==> flow/design.v <==
module cpu_add #(
   parameter int DWIDTH = 14,
   parameter int GB = 2
) (
   input  logic ck,
   input  logic rstn,
   input  logic clk_en,
   input  logic [DWIDTH-1:0] val,
   input  logic init,
   output logic [DWIDTH+GB-1:0] s
);
   logic [DWIDTH-1:0] r_val;
   logic r_init;
   logic [DWIDTH+GB-1:0] accum;
   always_ff @(posedge ck or negedge rstn) begin
      if (!rstn) begin
         r_val <= '0;
         r_init <= 1'b0;
         accum <= '0;
      end else if (clk_en) begin
         r_val <= val;
         r_init <= init;
         accum <= r_init ? 0 : accum + r_val;
      end
   end
   assign s = accum;
endmodule
# Step by step through the tools: cpu_add

The steps from the RTL of cpu_add to its reports follow in flow order.
Line numbers count from 1 in the design file above.
Operators: Yosys type, input widths -> output width; for muxes data width and select width s.
Library cell names are shortened.
The mark -- stands for no value.

Design top: cpu_add
Clock: ck
Library: sky130hd
Library corner: tt_025C_1v80

# Word-level counts

Source: Yosys, flattened and elaborated, memories not mapped. Widths are those after wreduce; folded enables and synchronous resets count as part of the registers. Registers that Yosys merges into a memory's read port (data or address) are not register bits. Print and check cells do not count. Equal cells are merged and count once.

$add $sub $neg: 1
Mux-type cells: 1

Operators by type and width:

| kind           | count |
| $add 16x14->16 | 1 |
| $mux 16        | 1 |

Register bits: 31
Bits of input ports: 18
Output and inout port bits: 16
Cells after elaboration: 5

# Longest topological paths

Depth = most cells in a row (Yosys ltp): at word level without a register or memory, in the mapped netlist without a sequential cell, where the memories' decode and read muxes count.

Depth after elaboration: 2
ABC_AREA: 0
Depth in mapped cells: 9
Depth with buffers taken out: 9

# Mapped cells and area

Yosys stat after the flow's synthesis: flattened, memories mapped to cells. It holds for the ABC_AREA given above (unset counts as 0); a run with the other value may have another netlist.

Cell types:

| cell type | count | area in all (µm²) |
| dfrtp_1   | 31    | 775.744 |
| ha_1      | 14    | 175.168 |
| mux2_2    | 14    | 157.651 |
| o21a_1    | 9     | 67.565 |
| a21oi_1   | 12    | 60.058 |
| a22o_1    | 6     | 52.55 |
| nand2_1   | 13    | 48.797 |
| o21ai_0   | 9     | 45.043 |
| nand3_1   | 7     | 35.034 |
| xnor2_1   | 4     | 35.034 |
| xor2_1    | 4     | 35.034 |
| nor2b_1   | 5     | 31.28 |
| a21o_1    | 4     | 30.029 |
| clkbuf_1  | 7     | 26.275 |
| inv_1     | 7     | 26.275 |
| nor2_1    | 7     | 26.275 |
| o211ai_1  | 3     | 22.522 |
| a32o_1    | 2     | 20.019 |

Not listed: further types 19, cells in them 25.

Cells in the netlist: 183
Cell area after synthesis: 1865.5 µm²
Area of sequential cells: 775.7 µm²
Mapped flip-flops: 31
Buffer cells: 7

# Path before layout

Path of least setup slack by OpenSTA after synthesis, without wires, with an ideal clock, recovery checks aside; 20% of the period is set as input and as output delay. Where synthesis merged equal registers, the netlist keeps one of their names.

Path type: reg-to-reg
From: register accum[0]
To: register accum[14]
Clock period: 2.68 ns
Setup time: 0.126 ns
Time at the first pin: 0.000 ns
Arrival time: 2.021 ns
Required time: 2.554 ns
Slack: 0.533 ns
Delay of the path: 2.147 ns
Driving pins on the path: 10
Path buffers: 0
Synthesis period reached: 2.147 ns

"delay of the path" is the arrival time less input delay plus setup time.
"driving pins on the path" counts driving pins, that of a launching flip-flop among them; a cell with two outputs on the path counts twice.
"synthesis period reached" is the clock period less the worst setup slack; recovery checks do not enter. This is arithmetic on one report: input and output delays are still those of the set period (20% each).
The rows between start and end are the longest chain of elaborated cells between them; the timing report does not say that the signal goes this way. Where chains are equally long, one stands for them.
A line is the first line of the expression or statement that the cell stems from. Yosys adds cells for indexed reads and writes and turns some case tables into memories.

Cells stage by stage: dfrtp_1 ha_1 inv_1 fa_1 nor2b_1 o2111ai_1 a21boi_0 nor3_1 o21a_1 a221o_1
Length of the longest elaborated chain: 2
Elaborated cells on any way between the ends: 2
RTL lines with such cells: 1
Those cells by class: add/sub: 1; mux: 1

Ends and longest elaborated chain, after synthesis:

| item            | line | source |
| start, declared | 14   | `logic [DWIDTH+GB-1:0] accum;` |
| start, assigned | 19   | `accum <= '0;` |
| start, assigned | 23   | `accum <= r_init ? 0 : accum + r_val;` |
| $add 16x14->16  | 23   |  |
| $mux 16         | 23   |  |
| end, assigned   | 19   |  |
| end, assigned   | 23   |  |
| end, declared   | 14   |  |

# Path in the finished layout

From the final timing report of record 1: the path of least setup slack in the routed layout; clock arrival at registers is part of the times.

Path type: reg-to-reg
From: register accum[0]
To: register accum[14]
Clock period: 2.68 ns
Setup time: 0.11 ns
Time at the first pin: 0.28 ns
Arrival time: 2.48 ns
Required time: 2.84 ns
Slack: 0.37 ns
Driving pins on the path: 10
Path buffers: 0

The rows between start and end are the longest chain of elaborated cells between them; the timing report does not say that the signal goes this way. Where chains are equally long, one stands for them.

Cells stage by stage: dfrtp_1 ha_1 inv_1 fa_1 nor2b_1 o2111ai_1 a21boi_0 nor3_1 o21a_1 a221o_1
Length of the longest elaborated chain: 2
Elaborated cells on any way between the ends: 2
RTL lines with such cells: 1
Those cells by class: add/sub: 1; mux: 1

Ends and longest elaborated chain, after layout:

| item            | line | source |
| start, declared | 14   | `logic [DWIDTH+GB-1:0] accum;` |
| start, assigned | 19   | `accum <= '0;` |
| start, assigned | 23   | `accum <= r_init ? 0 : accum + r_val;` |
| $add 16x14->16  | 23   |  |
| $mux 16         | 23   |  |
| end, assigned   | 19   |  |
| end, assigned   | 23   |  |
| end, declared   | 14   |  |

# Flow runs of cpu_add

3 stored runs of cpu_add in the flow (synthesis by Yosys, layout by OpenROAD, sky130hd cells), in arbitrary order. Constraints: input delay and output delay 20% of the set period each, output load 0.01 pF.
"critical path time": the worst setup path's part of the clock period (all of it between registers, 20% less for each end at a port) less its slack. A launch clock that arrives late makes it longer, a capture clock that arrives late makes it shorter.
Among the settings, -- means not set for that run.
A result given as -- is not shown for that run.

| setting or result                            | record 1   | record 2   | record 3 |
| period_ns                                    | 2.68       | 1.3        | 3.05     |
| CAP_MARGIN                                   | 20         | 20         | 20       |
| CORE_MARGIN                                  | 2          | 2          | 2        |
| CORE_UTILIZATION                             | 40         | 38         | 72       |
| SLEW_MARGIN                                  | 20         | 30         | 20       |
| SETUP_SLACK_MARGIN                           | --         | 0.19       | -0.1     |
| PLACE_DENSITY_LB_ADDON                       | --         | 0.19       | 0.2      |
| GPL_ROUTABILITY_DRIVEN                       | --         | 0          | --       |
| CTS_CLUSTER_SIZE                             | --         | 97         | --       |
| MIN_ROUTING_LAYER                            | --         | met2       | --       |
| MAX_ROUTING_LAYER                            | --         | met4       | met4     |
| CORE_ASPECT_RATIO                            | --         | --         | 1.8      |
| CELL_PAD_IN_SITES_DETAIL_PLACEMENT           | --         | --         | 2        |
| CTS_CLUSTER_DIAMETER                         | --         | --         | 184      |
| standard-cell area of the final layout (µm²) | 2346.0     | 3230.6     | --       |
| area of the die (µm²)                        | 5225.8     | 5485.6     | --       |
| Yosys chip area after synthesis (µm²)        | 1865.5     | 1865.5     | --       |
| worst setup slack after layout (ns)          | 0.368      | -0.837     | --       |
| critical path time (ns)                      | 2.31       | 2.14       | --       |
| kind of the worst setup path                 | reg-to-reg | reg-to-reg | --       |

Record 3: incomplete, placement halted on a tool error
